==> flow/design.v <==
module sync_alu_arith #(
  parameter DATA_W = 64
) (
  input clk,
  input RST,
  input en,
  input [DATA_W-1:0] arg0,
  input [DATA_W-1:0] arg1,
  input mode,
  output [DATA_W:0] result
);
  reg [DATA_W-1:0] arg0_r;
  reg [DATA_W-1:0] arg1_r;
  reg mode_r;
  always @(posedge clk) begin
    if (RST) begin
      arg0_r <= 0;
      arg1_r <= 0;
      mode_r <= 1'b0;
    end else if (en) begin
      arg0_r <= arg0;
      arg1_r <= arg1;
      mode_r <= mode;
    end
  end
  assign result = mode_r ? arg0_r - arg1_r : arg0_r + arg1_r;
endmodule
# Step by step through the tools: sync_alu_arith
# What the tools print for sync_alu_arith, step after step.
# Line numbers count from 1 in the design file above.
setup:
  design: "sync_alu_arith"
  clock: "clk"
  cell_library: "sky130hd"
  pvt_corner: "tt_025C_1v80"

# Word-level counts
# Yosys after proc, flatten, opt, wreduce and memory -nomap, before mapping. Enables and synchronous resets that opt folds into registers are not counted as muxes. Memory bits, and registers merged into a memory's read port (data or address), are not among the register bits. Print and check cells are not counted. Equal cells are merged and count once.
op_classes:
  add_sub_neg: 2
  muxes: 1
ops:
  columns: ["op", "count"]
  rows:
  - ["64-bit by 64-bit adder with 65-bit output", 1]
  - ["64-bit by 64-bit subtractor with 65-bit output", 1]
  - ["65-bit 2-to-1 mux", 1]
word_totals:
  in_bits: 132
  output_inout_bits: 65
  wordCells: 6
  regBits: 129

# Longest topological paths
# Depth = most cells in a row (Yosys ltp): at word level without a register or memory, in the mapped netlist without a sequential cell, where the memories' decode and read muxes count.
depth:
  word_depth: 2
  abc_area: 0
  ltp_mapped: 21
  ltp_nobuf: 20

# Mapped cells and area
# The flow's flattened synthesis, as Yosys stat reports it; memories are mapped. The netlist is that of the ABC_AREA named above (0 if unset); the other value can give another one.
# The area totals of this step are shown rounded.
types:
  columns: ["type", "count", "type_area_um2"]
  rows:
  - ["sky130_fd_sc_hd__dfxtp_1", 129, 2.58E+03]
  - ["sky130_fd_sc_hd__mux2i_1", 131, 1.31E+03]
  - ["sky130_fd_sc_hd__xnor2_1", 96, 840.806]
  - ["sky130_fd_sc_hd__ha_1", 65, 813.28]
  - ["sky130_fd_sc_hd__nor2_1", 200, 750.72]
  - ["sky130_fd_sc_hd__a21oi_1", 107, 535.514]
  - ["sky130_fd_sc_hd__xor2_1", 27, 236.477]
  - ["sky130_fd_sc_hd__a21o_1", 31, 232.723]
  - ["sky130_fd_sc_hd__nand2_1", 51, 191.434]
  - ["sky130_fd_sc_hd__clkbuf_1", 46, 172.666]
  - ["sky130_fd_sc_hd__o21ai_0", 32, 160.154]
  - ["sky130_fd_sc_hd__o21bai_1", 18, 135.13]
  - ["sky130_fd_sc_hd__nor3_1", 26, 130.125]
  - ["sky130_fd_sc_hd__inv_1", 34, 127.622]
  - ["sky130_fd_sc_hd__nand4_1", 18, 112.608]
  - ["sky130_fd_sc_hd__a31oi_1", 13, 81.328]
  - ["sky130_fd_sc_hd__nand3_1", 15, 75.072]
  - ["sky130_fd_sc_hd__nor2b_1", 11, 68.816]
# Other cell types: 46; their cells: 127.
mapped:
  mapped_area_um2: 9580
  ff_cells: 129
  seq_area_um2: 2580
  stdcells: 1177
  n_buf: 60

# Worst setup path after synthesis
# Source: OpenSTA report_checks on the synthesized netlist (no wires, ideal clock, input and output delay 20% of the period each), path of least setup slack; recovery checks are left aside. Register names are those of the netlist, which keeps one name where synthesis merged equal registers.
synth_timing:
  path_type: "register to output"
  start: "register arg1_r[5]"
  end: "output port result[57]"
  arrival_time_ns: 4.518
  t_required_ns: 5.648
  n_path_buf: 1
  path_delay_ns: 4.518
  output_delay_ns: 1.412
  setup_slack_ns: 1.130
  launch_ns: 0.000
  driving_pins: 20
  clock_period_ns: 7.06
  period_less_setup_slack_ns: 5.93
# "path_delay_ns" = arrival - input delay + setup time.
# A path that ends at an output port has no setup time.
# "driving_pins": output pins that drive a net of the path, with the launching flip-flop's if there is one; two outputs of one cell count as two.
# "period_less_setup_slack_ns" = period - worst setup slack (recovery checks aside). The figure is calculated, with input and output delays left at 20% of the set period.
# Between the ends stands the longest chain of elaborated cells between them, by number of cells; it is not shown to be the way that was timed. Of several equally long chains one is given.
# Each line given opens the expression or statement behind the cell; cells for indexed reads and writes are added by Yosys, which also makes memories of some case tables.
synth_between:
  cell_sequence: "sky130_fd_sc_hd__dfxtp_1 sky130_fd_sc_hd__or4_4 sky130_fd_sc_hd__nor4_4 sky130_fd_sc_hd__nor4b_4 sky130_fd_sc_hd__nand3b_2 sky130_fd_sc_hd__nor2_1 sky130_fd_sc_hd__a31oi_1 sky130_fd_sc_hd__xnor2_1 sky130_fd_sc_hd__ha_1 sky130_fd_sc_hd__clkbuf_1 sky130_fd_sc_hd__nand4_1 sky130_fd_sc_hd__nor4_1 sky130_fd_sc_hd__inv_1 sky130_fd_sc_hd__o21ai_0 sky130_fd_sc_hd__a41oi_1 sky130_fd_sc_hd__a21o_1 sky130_fd_sc_hd__a21oi_1 sky130_fd_sc_hd__nand2_1 sky130_fd_sc_hd__mux2i_1 sky130_fd_sc_hd__nor4b_1"
  elab_chain_cells: 2
  cone_cells: 3
  lines_between: 1
  cone_classes: "add/sub: 2; mux: 1"
synth_rtl:
  columns: ["item", "line", "text"]
  rows:
  - ["start, declared", 13, "reg [DATA_W-1:0] arg1_r;"]
  - ["start, assigned", 18, "arg1_r <= 0;"]
  - ["start, assigned", 22, "arg1_r <= arg1;"]
  - ["64-bit by 64-bit adder with 65-bit output", 26, "assign result = mode_r ? arg0_r - arg1_r : arg0_r + arg1_r;"]
  - ["65-bit 2-to-1 mux", 26, null]
  - ["end, declared", 10, "output [DATA_W:0] result"]

# Path in the finished layout
# Path of least setup slack in the final report of flow run A (OpenROAD, finished layout, wires in). Where an end is a register, its clock arrival counts in the times.
layout_timing:
  path_type: "register to output"
  start: "register arg1_r[5]"
  end: "output port result[62]"
  output_delay_ns: 1.20
  n_path_buf: 6
  clock_period_ns: 5.98
  driving_pins: 25
  t_required_ns: 4.78
  launch_ns: 0.44
  arrival_time_ns: 5.66
  setup_slack_ns: -0.88
# Between the ends stands the longest chain of elaborated cells between them, by number of cells; it is not shown to be the way that was timed. Of several equally long chains one is given.
layout_between:
  cell_sequence: "sky130_fd_sc_hd__dfxtp_2 sky130_fd_sc_hd__or4_4 sky130_fd_sc_hd__nor4_4 sky130_fd_sc_hd__buf_4 sky130_fd_sc_hd__nor4b_4 sky130_fd_sc_hd__nand3b_4 sky130_fd_sc_hd__buf_4 sky130_fd_sc_hd__buf_4 sky130_fd_sc_hd__nor2_4 sky130_fd_sc_hd__a21oi_1 sky130_fd_sc_hd__xnor2_1 sky130_fd_sc_hd__ha_2 sky130_fd_sc_hd__a21oi_1 sky130_fd_sc_hd__o21bai_1 sky130_fd_sc_hd__a21o_1 sky130_fd_sc_hd__a211oi_1 sky130_fd_sc_hd__o21bai_1 sky130_fd_sc_hd__a31oi_1 sky130_fd_sc_hd__o311ai_4 sky130_fd_sc_hd__a31oi_2 sky130_fd_sc_hd__buf_4 sky130_fd_sc_hd__buf_6 sky130_fd_sc_hd__o41ai_4 sky130_fd_sc_hd__xnor2_1 sky130_fd_sc_hd__buf_2"
  elab_chain_cells: 2
  cone_cells: 3
  lines_between: 1
  cone_classes: "add/sub: 2; mux: 1"
layout_rtl:
  columns: ["item", "line", "text"]
  rows:
  - ["start, declared", 13, "reg [DATA_W-1:0] arg1_r;"]
  - ["start, assigned", 18, "arg1_r <= 0;"]
  - ["start, assigned", 22, "arg1_r <= arg1;"]
  - ["64-bit by 64-bit adder with 65-bit output", 26, "assign result = mode_r ? arg0_r - arg1_r : arg0_r + arg1_r;"]
  - ["65-bit 2-to-1 mux", 26, null]
  - ["end, declared", 10, "output [DATA_W:0] result"]

# Top module sync_alu_arith; platform sky130hd; tools Yosys and OpenROAD; 3 stored runs in no particular order. Input and output delays are each 20% of the period that was set; the output load is 0.01 pF.
# "timing.achieved_period_ns" is the run's clock period less its worst setup slack. It is reckoned from that one timing run; input and output delays stay at 20% of the period that was set.
# By "power_uw" is meant OpenSTA's value without simulated activity: inputs other than the clock are taken to toggle once in ten clock periods, and the tool carries that through the logic.
# Measured values are rounded.
runs:
  - name: "flow run A"
    settings:
      period_ns: 5.98
      CORE_UTILIZATION: 60
      SETUP_SLACK_MARGIN: 0.62
      CORE_MARGIN: 7
      TNS_END_PERCENT: 10
      CTS_CLUSTER_DIAMETER: 84
      SLEW_MARGIN: 25
      MIN_ROUTING_LAYER: "met1"
      CAP_MARGIN: 20
    results:
      final_hold_ws_ns: 0.511
      finalCellArea_um2: 14400
      synth_chip_area_um2: 9580
      timing.achieved_period_ns: 6.858
      ws_setup_ns: -0.878
      final_setup_tns_ns: -16.0
      die_area_um2: 19700
      power_uw: 3570
  - name: "flow run B"
    settings:
      period_ns: 7.06
      CAP_MARGIN: 20
      CORE_MARGIN: 2
      CORE_UTILIZATION: 40
      SLEW_MARGIN: 20
    results:
      final_hold_ws_ns: 0.502
      finalCellArea_um2: 12900
      synth_chip_area_um2: 9580
      timing.achieved_period_ns: 6.925
      ws_setup_ns: 0.135
      final_setup_tns_ns: 0.000
      die_area_um2: 25200
      power_uw: 2800
  - name: "flow run C"
    settings:
      period_ns: 6.76
      CORE_UTILIZATION: 27
      PLACE_DENSITY_LB_ADDON: 0.28
      CORE_ASPECT_RATIO: 1.01
      CELL_PAD_IN_SITES_GLOBAL_PLACEMENT: 2
      CELL_PAD_IN_SITES_DETAIL_PLACEMENT: 1
      TNS_END_PERCENT: 65
      ABC_AREA: 1
      GPL_ROUTABILITY_DRIVEN: 0
      MIN_ROUTING_LAYER: "met1"
      CAP_MARGIN: 20
      CORE_MARGIN: 2
      SLEW_MARGIN: 20
    results:
      final_hold_ws_ns: 0.470
      finalCellArea_um2: 15900
      synth_chip_area_um2: 12800
      timing.achieved_period_ns: 6.110
      ws_setup_ns: 0.650
      final_setup_tns_ns: 0.000
      die_area_um2: 49300
      power_uw: 3050
